==> flow/design.v <==
module sync_shift_top #(
  parameter WD = 48,
  parameter SEL_WIDTH = $clog2(WD)
) (
  input  wire i_clk,
  input  wire i_rst,
  input  wire [WD-1:0] i_in,
  input  wire [SEL_WIDTH-1:0] i_by,
  input  wire i_dir,
  output wire [WD-1:0] o_result
);
  reg [WD-1:0] in_reg;
  reg [SEL_WIDTH-1:0] by_reg;
  reg dir_reg;
  reg [WD-1:0] result_reg;
  assign o_result = result_reg;
  always @(posedge i_clk) begin
    if (i_rst) begin
      in_reg <= 0;
      by_reg <= 0;
      dir_reg <= 1'b0;
      result_reg <= 0;
    end else begin
      in_reg <= i_in;
      by_reg <= i_by;
      dir_reg <= i_dir;
      result_reg <= dir_reg ? in_reg << by_reg : in_reg >> by_reg;
    end
  end
endmodule
# == Step by step through the tools: sync_shift_top ==
# What the tools print for sync_shift_top, step after step.
# Lines are those of the file above, counted from 1.
# Cell names lack the library's common part.
# The mark - stands for no value.
# inputs
top_module,sync_shift_top
clk_port,i_clk
library,sky130hd
corner,tt_025C_1v80

# == After elaboration ==
# Counts by Yosys on the flattened word-level netlist (proc, flatten, opt, wreduce; memories kept). Register bits leave out memories and registers merged into their read ports (data or address); mux counts leave out enables and synchronous resets folded into registers. Print and check cells are left out. Cells with the same type and inputs are merged into one.
# op_classes
reduce_and_logical,0
compare,0
n_shift,2
eq_ne,0
n_mux,1
div,0
n_logic,0
addsub,0
n_mul,0
# ops
op,n
48-bit by 6-bit << shifter with 48-bit output,1
48-bit by 6-bit >> shifter with 48-bit output,1
48-bit 2-to-1 mux,1
# word_totals
memories,0
ff_bits,103
ramBits,0
rom_bits,0
clocked_rd_ports_x_width,0
latch_bits,0
wordCells,7
out_inout_bits,48

# == Depth ==
# Longest topological path by Yosys (ltp), each cell counted once; first at word level (registers and memories cut), then after technology mapping (sequential cells cut; the memories' decode and read muxes count).
# logic_depth
word_depth,2
abc_area,0
ltp_mapped,11
mapped_depth_nobuf,5

# == Netlist ==
# Source: synth_stat.txt of the flow (Yosys; design flattened, memories mapped). It holds for the ABC_AREA given above (unset counts as 0); a run with the other value may have another netlist.
# The area totals of this step are shown rounded.
# synth_totals
cells,1023
ff_cells,103
area_mm2,0.01
# by_type
cell,n
dfxtp_1,103
mux4_2,88
mux2i_1,94
mux2_2,56
mux4_1,22
nor2b_1,60
nor2_1,75
nand2_1,74
clkbuf_1,57
a21oi_1,39
o21ai_0,32
a211oi_1,20
buf_6,12
buf_2,26
o22ai_1,17
o211ai_1,14
nand3_1,19
a22oi_1,12
# Other cell types: 56; their cells: 203.

# == Timing after synthesis ==
# OpenSTA on the mapped netlist: ideal clock, no wires. The path of least setup slack (recovery checks aside). Input and output delay are each 20% of the period. Register names are those of the netlist, which keeps one name where synthesis merged equal registers.
# synth_path
kind,register to register
from,reg by_reg[1]
to,reg result_reg[23]
delay_ns,2.218
period_ns,2.77
t_arrival_ns,2.102
required_ns,2.654
slack_ns,0.551
driving_pins,7
period_less_setup_slack_ns,2.219
# "delay_ns" = arrival - input delay + setup time.
# "driving_pins" counts driving pins, that of a launching flip-flop among them; a cell with two outputs on the path counts twice.
# "period_less_setup_slack_ns" is the clock period less the worst setup slack; recovery checks do not enter. This is arithmetic on one report: input and output delays are still those of the set period (20% each).
# The rows between start and end are the longest chain of elaborated cells between them; the timing report does not say that the signal goes this way. Where chains are equally long, one stands for them.
# A line is the first line of the expression or statement that the cell stems from. Yosys adds cells for indexed reads and writes and turns some case tables into memories.
# synth_via
path_cell_list,dfxtp_1 buf_6 buf_12 mux4_1 mux2_2 mux4_2 o211a_1
elab_chain_len,2
cells_between,3
lines_between,1
classes_between,shift (2); mux (1)
# synth_lines
element,line,source
"start, declared",13,reg [SEL_WIDTH-1:0] by_reg;
"start, assigned",20,by_reg <= 0;
"start, assigned",25,by_reg <= i_by;
48-bit by 6-bit >> shifter with 48-bit output,27,result_reg <= dir_reg ? in_reg << by_reg : in_reg >> by_reg;
48-bit 2-to-1 mux,27,
"end, assigned",22,result_reg <= 0;
"end, assigned",27,
"end, declared",15,reg [WD-1:0] result_reg;

# == Path in the finished layout ==
# Path of least setup slack in the final report of run 1 (OpenROAD, finished layout, wires in). Where an end is a register, its clock arrival counts in the times.
# layout_path
kind,register to register
from,reg by_reg[1]
to,reg result_reg[21]
required_ns,3.04
period_ns,2.77
t_arrival_ns,2.96
driving_pins,8
slack_ns,0.08
# The rows between start and end are the longest chain of elaborated cells between them; the timing report does not say that the signal goes this way. Where chains are equally long, one stands for them.
# layout_via
path_cell_list,dfxtp_4 buf_4 mux4_2 mux2_2 a222oi_1 buf_4 mux2i_1 o211a_1
elab_chain_len,2
cells_between,3
lines_between,1
classes_between,shift (2); mux (1)
# layout_lines
element,line,source
"start, declared",13,reg [SEL_WIDTH-1:0] by_reg;
"start, assigned",20,by_reg <= 0;
"start, assigned",25,by_reg <= i_by;
48-bit by 6-bit >> shifter with 48-bit output,27,result_reg <= dir_reg ? in_reg << by_reg : in_reg >> by_reg;
48-bit 2-to-1 mux,27,
"end, assigned",22,result_reg <= 0;
"end, assigned",27,
"end, declared",15,reg [WD-1:0] result_reg;

# Module sync_shift_top, platform sky130hd: 3 stored runs of the flow (Yosys, OpenROAD) with differing settings, in no particular order. Input and output delays are each 20% of the period that was set; the output load is 0.01 pF.
# "period_less_ws_ns" means the clock period less the worst setup slack. The figure is calculated, with input and output delays left at 20% of the set period.
# "worst_path_allowed_less_slack_ns": the worst setup path's part of the clock period (all of it between registers, 20% less for each end at a port) less its slack. A launch clock that arrives late makes it longer, a capture clock that arrives late makes it shorter.
# "design_power_uw": no workload was simulated; the value follows from the tool's default switching activity.
# Results are given in rounded form.
# Settings: - = not set for that run.
# Results: - = not shown.
run name,period_ns,CAP_MARGIN,CORE_MARGIN,CORE_UTILIZATION,SLEW_MARGIN,SETUP_SLACK_MARGIN,PLACE_DENSITY_LB_ADDON,ABC_AREA,CTS_CLUSTER_DIAMETER,MIN_ROUTING_LAYER,PLACE_DENSITY,GPL_ROUTABILITY_DRIVEN,MAX_ROUTING_LAYER,ys_area_mm2,finalCellArea_mm2,worstSetupSlack_ns,design_power_uw,finalUtil_frac,worst_path_allowed_less_slack_ns,timing.worst_path_kind,final_setup_tns_ns,timing.hold.ws_ns,design.die.area_mm2,period_less_ws_ns
run 1,2.77,20,2,40,20,-,-,-,-,-,-,-,-,0.01,0.0122,0.080,5050,0.499,2.69,register to register,0.000,0.695,0.0264,2.690
run 2,1.84,25,2,68,15,0.43,0.11,1,297,met2,-,-,-,-,-,-,-,-,-,-,-,-,-,-
run 3,2.1,20,5,50,35,0.05,-,-,-,met2,0.87,0,met5,-,-,-,-,-,-,-,-,-,-,-
# Run 2: did not finish, routing stopped with GRT-0116
# Run 3: did not finish, routing stopped with GRT-0116
